==> flow/design.v <==
module mag_cmp_n #(
  parameter WD = 4,
  parameter N = 16
) (
  input  clk,
  input  [N*WD-1:0] din,
  output [WD-1:0] max_o
);
  reg [N*WD-1:0] din_d1;
  reg [WD-1:0] work;
  integer k;
  always @(*) begin
    work = din_d1[WD-1:0];
    for (k = 1; k < N; k = k + 1)
      if (din_d1[k*WD +: WD] > work) work = din_d1[k*WD +: WD];
  end
  assign max_o = work;
  always @(posedge clk)
    din_d1 <= din;
endmodule
Reports on mag_cmp_n
The steps from the RTL of mag_cmp_n to its reports follow in flow order.
Line numbers count from 1 in the design file above.
Cell names lack the library's common part.
{"block": "setup", "top": "mag_cmp_n", "clock": "clk", "lib": "sky130hd", "lib_corner": "tt_025C_1v80"}

Word-level counts
Source: Yosys, flattened and elaborated, memories not mapped. Widths are those after wreduce; folded enables and synchronous resets count as part of the registers. Registers that Yosys merges into a memory's read port (data or address) are not register bits. Print and check cells do not count. Equal cells are merged and count once.
{"block": "op_classes", "compare": 15, "n_mux": 15}
{"block": "ops", "op": "4-bit > comparator", "n": 15}
{"block": "ops", "op": "4-bit 2-to-1 mux", "n": 15}
{"block": "word_totals", "register_bits": 64, "input_bits": 65, "wordCells": 31}

Logic depth
Longest topological path by Yosys (ltp), each cell counted once; first at word level (registers and memories cut), then after technology mapping (sequential cells cut; the memories' decode and read muxes count).
{"block": "logic_depth", "ltp_word": 30, "ABC_AREA": 0, "ltp_mapped": 118, "depth_no_buf": 116}

After synthesis
The flow's flattened synthesis, as Yosys stat reports it; memories are mapped. The netlist is that of the ABC_AREA named above (0 if unset); the other value can give another one.
The area totals of this step are shown rounded.
{"block": "synth_totals", "mapped_cells": 490, "synth_area_mm2": 0.004282, "seq_area_mm2": 0.001281, "ffs": 64, "buf_cells": 6}
{"block": "by_type", "cell_type": "dfxtp_1", "n": 64}
{"block": "by_type", "cell_type": "ha_1", "n": 36}
{"block": "by_type", "cell_type": "mux2_2", "n": 17}
{"block": "by_type", "cell_type": "inv_1", "n": 48}
{"block": "by_type", "cell_type": "o21ai_0", "n": 35}
{"block": "by_type", "cell_type": "nand2_1", "n": 37}
{"block": "by_type", "cell_type": "a21oi_1", "n": 26}
{"block": "by_type", "cell_type": "nor2_1", "n": 32}
{"block": "by_type", "cell_type": "mux2i_1", "n": 8}
{"block": "by_type", "cell_type": "o21a_1", "n": 10}
{"block": "by_type", "cell_type": "maj3_1", "n": 6}
{"block": "by_type", "cell_type": "nand2b_1", "n": 9}
{"block": "by_type", "cell_type": "o211ai_1", "n": 7}
{"block": "by_type", "cell_type": "xnor2_1", "n": 6}
{"block": "by_type", "cell_type": "nor2b_1", "n": 8}
{"block": "by_type", "cell_type": "nand3_1", "n": 9}
{"block": "by_type", "cell_type": "a31oi_1", "n": 7}
{"block": "by_type", "cell_type": "a22oi_1", "n": 5}
Not listed: further types 58, cells in them 120.

Timing after synthesis
Path of least setup slack by OpenSTA after synthesis, without wires, with an ideal clock, recovery checks aside; 20% of the period is set as input and as output delay. Where synthesis merged equal registers, the netlist keeps one of their names.
{"block": "synth_timing", "path_type": "register -> output", "start": "register din_d1[2]", "end": "output port max_o[2]", "tclk_ps": 31200, "t_arrival_ps": 19964, "slack_ps": 4996, "delay_ps": 19964, "driving_pins": 109, "n_path_buf": 2, "synth_period_reached_ps": 26204}
"delay_ps" is the arrival time less input delay plus setup time.
A path that ends at an output port has no setup time.
"driving_pins": output pins that drive a net of the path, with the launching flip-flop's if there is one; two outputs of one cell count as two.
"synth_period_reached_ps" is the clock period less the worst setup slack; recovery checks do not enter. This is arithmetic on one report: input and output delays are still those of the set period (20% each).
Between the ends stands the longest chain of elaborated cells between them, by number of cells; it is not shown to be the way that was timed. Of several equally long chains one is given.
Each line given opens the expression or statement behind the cell; cells for indexed reads and writes are added by Yosys, which also makes memories of some case tables.
{"block": "synth_between", "cell_sequence": "dfxtp_1 > inv_1 > ha_1 > nand2_1 > o21ba_1 > o21a_1 > buf_6 > mux2i_1 > ha_1 > nor2b_1 > a2bb2oi_1 > a221oi_1 > o21a_1 > nor2_1 > o21ai_0 > inv_1 > ha_1 > and3_1 > [... 73 more ...] > o31a_1 > nor3_2 > mux2i_1 > ha_1 > a21oi_1 > a32o_1 > a21boi_2 > mux2_2 > ha_1 > nor2b_1 > o21ai_0 > nand2b_1 > a21oi_1 > a41o_1 > inv_1 > nand2_1 > o21ai_0 > a31o_1", "elab_chain_cells": 30, "cone_cells": 30, "lines_between": 1, "classes_between": "compare: 15; mux: 15"}
{"block": "synth_rtl", "item": "start: declaration", "line": 9, "source": "reg [N*WD-1:0] din_d1;"}
{"block": "synth_rtl", "item": "start: assignment", "line": 19, "source": "din_d1 <= din;"}
{"block": "synth_rtl", "item": "4-bit > comparator", "line": 15, "source": "if (din_d1[k*WD +: WD] > work) work = din_d1[k*WD +: WD];"}
{"block": "synth_rtl", "item": "4-bit 2-to-1 mux", "line": 15}
{"block": "synth_rtl", "item": "4-bit > comparator", "line": 15}
{"block": "synth_rtl", "item": "4-bit 2-to-1 mux", "line": 15}
{"block": "synth_rtl", "item": "4-bit > comparator", "line": 15}
{"block": "synth_rtl", "item": "4-bit 2-to-1 mux", "line": 15}
{"block": "synth_rtl", "item": "4-bit > comparator", "line": 15}
{"block": "synth_rtl", "item": "[... 16 more ...]"}
{"block": "synth_rtl", "item": "4-bit 2-to-1 mux", "line": 15}
{"block": "synth_rtl", "item": "4-bit > comparator", "line": 15}
{"block": "synth_rtl", "item": "4-bit 2-to-1 mux", "line": 15}
{"block": "synth_rtl", "item": "4-bit > comparator", "line": 15}
{"block": "synth_rtl", "item": "4-bit 2-to-1 mux", "line": 15}
{"block": "synth_rtl", "item": "4-bit > comparator", "line": 15}
{"block": "synth_rtl", "item": "4-bit 2-to-1 mux", "line": 15}
{"block": "synth_rtl", "item": "end: declaration", "line": 7, "source": "output [WD-1:0] max_o"}

Path in the finished layout
Path of least setup slack in the final report of job 1 (OpenROAD, finished layout, wires in). Where an end is a register, its clock arrival counts in the times.
The report prints the path's times to 10 ps; the period is as set.
{"block": "layout_timing", "path_type": "register -> output", "start": "register din_d1[2]", "end": "output port max_o[3]", "tclk_ps": 31200, "t_arrival_ps": 23020, "slack_ps": 1940, "driving_pins": 111, "n_path_buf": 1}
Between the ends stands the longest chain of elaborated cells between them, by number of cells; it is not shown to be the way that was timed. Of several equally long chains one is given.
{"block": "layout_between", "cell_sequence": "dfxtp_1 > inv_1 > ha_1 > nand2_1 > o21ba_1 > o21a_2 > mux2i_2 > ha_1 > nor2b_1 > a2bb2oi_1 > a221oi_1 > o21a_1 > nor2_2 > o21ai_1 > inv_1 > ha_1 > and3_1 > o211ai_1 > [... 75 more ...] > ha_1 > nand2_1 > nor2_1 > nand2_1 > a32o_1 > a21boi_4 > mux2_2 > ha_1 > nor2b_1 > o21ai_0 > nand2b_1 > a21oi_1 > a41o_1 > inv_1 > nand2_1 > o31a_1 > o31ai_1 > clkdlybuf4s50_1", "elab_chain_cells": 30, "cone_cells": 30, "lines_between": 1, "classes_between": "compare: 15; mux: 15"}
{"block": "layout_rtl", "item": "start: declaration", "line": 9, "source": "reg [N*WD-1:0] din_d1;"}
{"block": "layout_rtl", "item": "start: assignment", "line": 19, "source": "din_d1 <= din;"}
{"block": "layout_rtl", "item": "4-bit > comparator", "line": 15, "source": "if (din_d1[k*WD +: WD] > work) work = din_d1[k*WD +: WD];"}
{"block": "layout_rtl", "item": "4-bit 2-to-1 mux", "line": 15}
{"block": "layout_rtl", "item": "4-bit > comparator", "line": 15}
{"block": "layout_rtl", "item": "4-bit 2-to-1 mux", "line": 15}
{"block": "layout_rtl", "item": "4-bit > comparator", "line": 15}
{"block": "layout_rtl", "item": "4-bit 2-to-1 mux", "line": 15}
{"block": "layout_rtl", "item": "4-bit > comparator", "line": 15}
{"block": "layout_rtl", "item": "[... 16 more ...]"}
{"block": "layout_rtl", "item": "4-bit 2-to-1 mux", "line": 15}
{"block": "layout_rtl", "item": "4-bit > comparator", "line": 15}
{"block": "layout_rtl", "item": "4-bit 2-to-1 mux", "line": 15}
{"block": "layout_rtl", "item": "4-bit > comparator", "line": 15}
{"block": "layout_rtl", "item": "4-bit 2-to-1 mux", "line": 15}
{"block": "layout_rtl", "item": "4-bit > comparator", "line": 15}
{"block": "layout_rtl", "item": "4-bit 2-to-1 mux", "line": 15}
{"block": "layout_rtl", "item": "end: declaration", "line": 7, "source": "output [WD-1:0] max_o"}

Data sheet: physical implementation of mag_cmp_n

Below are 3 stored runs of the flow (Yosys, OpenROAD; platform sky130hd) on mag_cmp_n, each with its settings and what was measured, unordered. Constraints: input delay and output delay 20% of the set period each, output load 0.01 pF.
"achieved_period_ps" is the run's clock period less its worst setup slack. It is reckoned from that one timing run; input and output delays stay at 20% of the period that was set.
By "critical_path_time_ps" is meant the share of the clock period that the worst setup path is allowed (20% is reserved at inputs, 20% at outputs), minus its slack. Clock arrival times at its registers enter into it.
"critical_path_time_ps" is given in steps of 10 ps.
The measured numbers are rounded.

{"run": "job 1", "settings": { "period_ns": 31.2, "CAP_MARGIN": 20, "CORE_MARGIN": 2, "CORE_UTILIZATION": 40, "SLEW_MARGIN": 20 }, "results": { "synth_area_mm2": 0.004282, "design_die_area_mm2": 0.01155, "cell_area_final_mm2": 0.005363, "layout_utilization_pct": 51.7, "fin_ws_ps": 1937, "total_negative_slack_ps": 0, "hold_worst_slack_ps": 6328, "achieved_period_ps": 29263, "critical_path_time_ps": 23020, "worst_setup_path_type": "register -> output" }}
{"run": "job 2", "settings": { "period_ns": 41.5, "CORE_UTILIZATION": 48, "PLACE_DENSITY": 0.89, "HOLD_SLACK_MARGIN": -0.05, "CORE_ASPECT_RATIO": 0.81, "CELL_PAD_IN_SITES_GLOBAL_PLACEMENT": 3, "ABC_AREA": 1, "CTS_CLUSTER_SIZE": 53, "CTS_CLUSTER_DIAMETER": 301, "CAP_MARGIN": 20, "CORE_MARGIN": 2, "SLEW_MARGIN": 20 }, "outcome": "not finished: placement ended with error GPL-0301"}
{"run": "job 3", "settings": { "period_ns": 46.7, "CORE_UTILIZATION": 43, "SETUP_SLACK_MARGIN": 5.0, "PLACE_DENSITY": 0.55, "CORE_ASPECT_RATIO": 1.42, "CORE_MARGIN": 4, "GPL_TIMING_DRIVEN": 1, "GPL_ROUTABILITY_DRIVEN": 0, "CTS_CLUSTER_SIZE": 74, "CTS_CLUSTER_DIAMETER": 29, "CAP_MARGIN": 40, "SLEW_MARGIN": 20 }, "results": { "synth_area_mm2": 0.004282, "design_die_area_mm2": 0.01164, "cell_area_final_mm2": 0.005384, "layout_utilization_pct": 55.3, "fin_ws_ps": 13660, "total_negative_slack_ps": 0, "hold_worst_slack_ps": 9445, "achieved_period_ps": 33040, "critical_path_time_ps": 23700, "worst_setup_path_type": "register -> output" }}
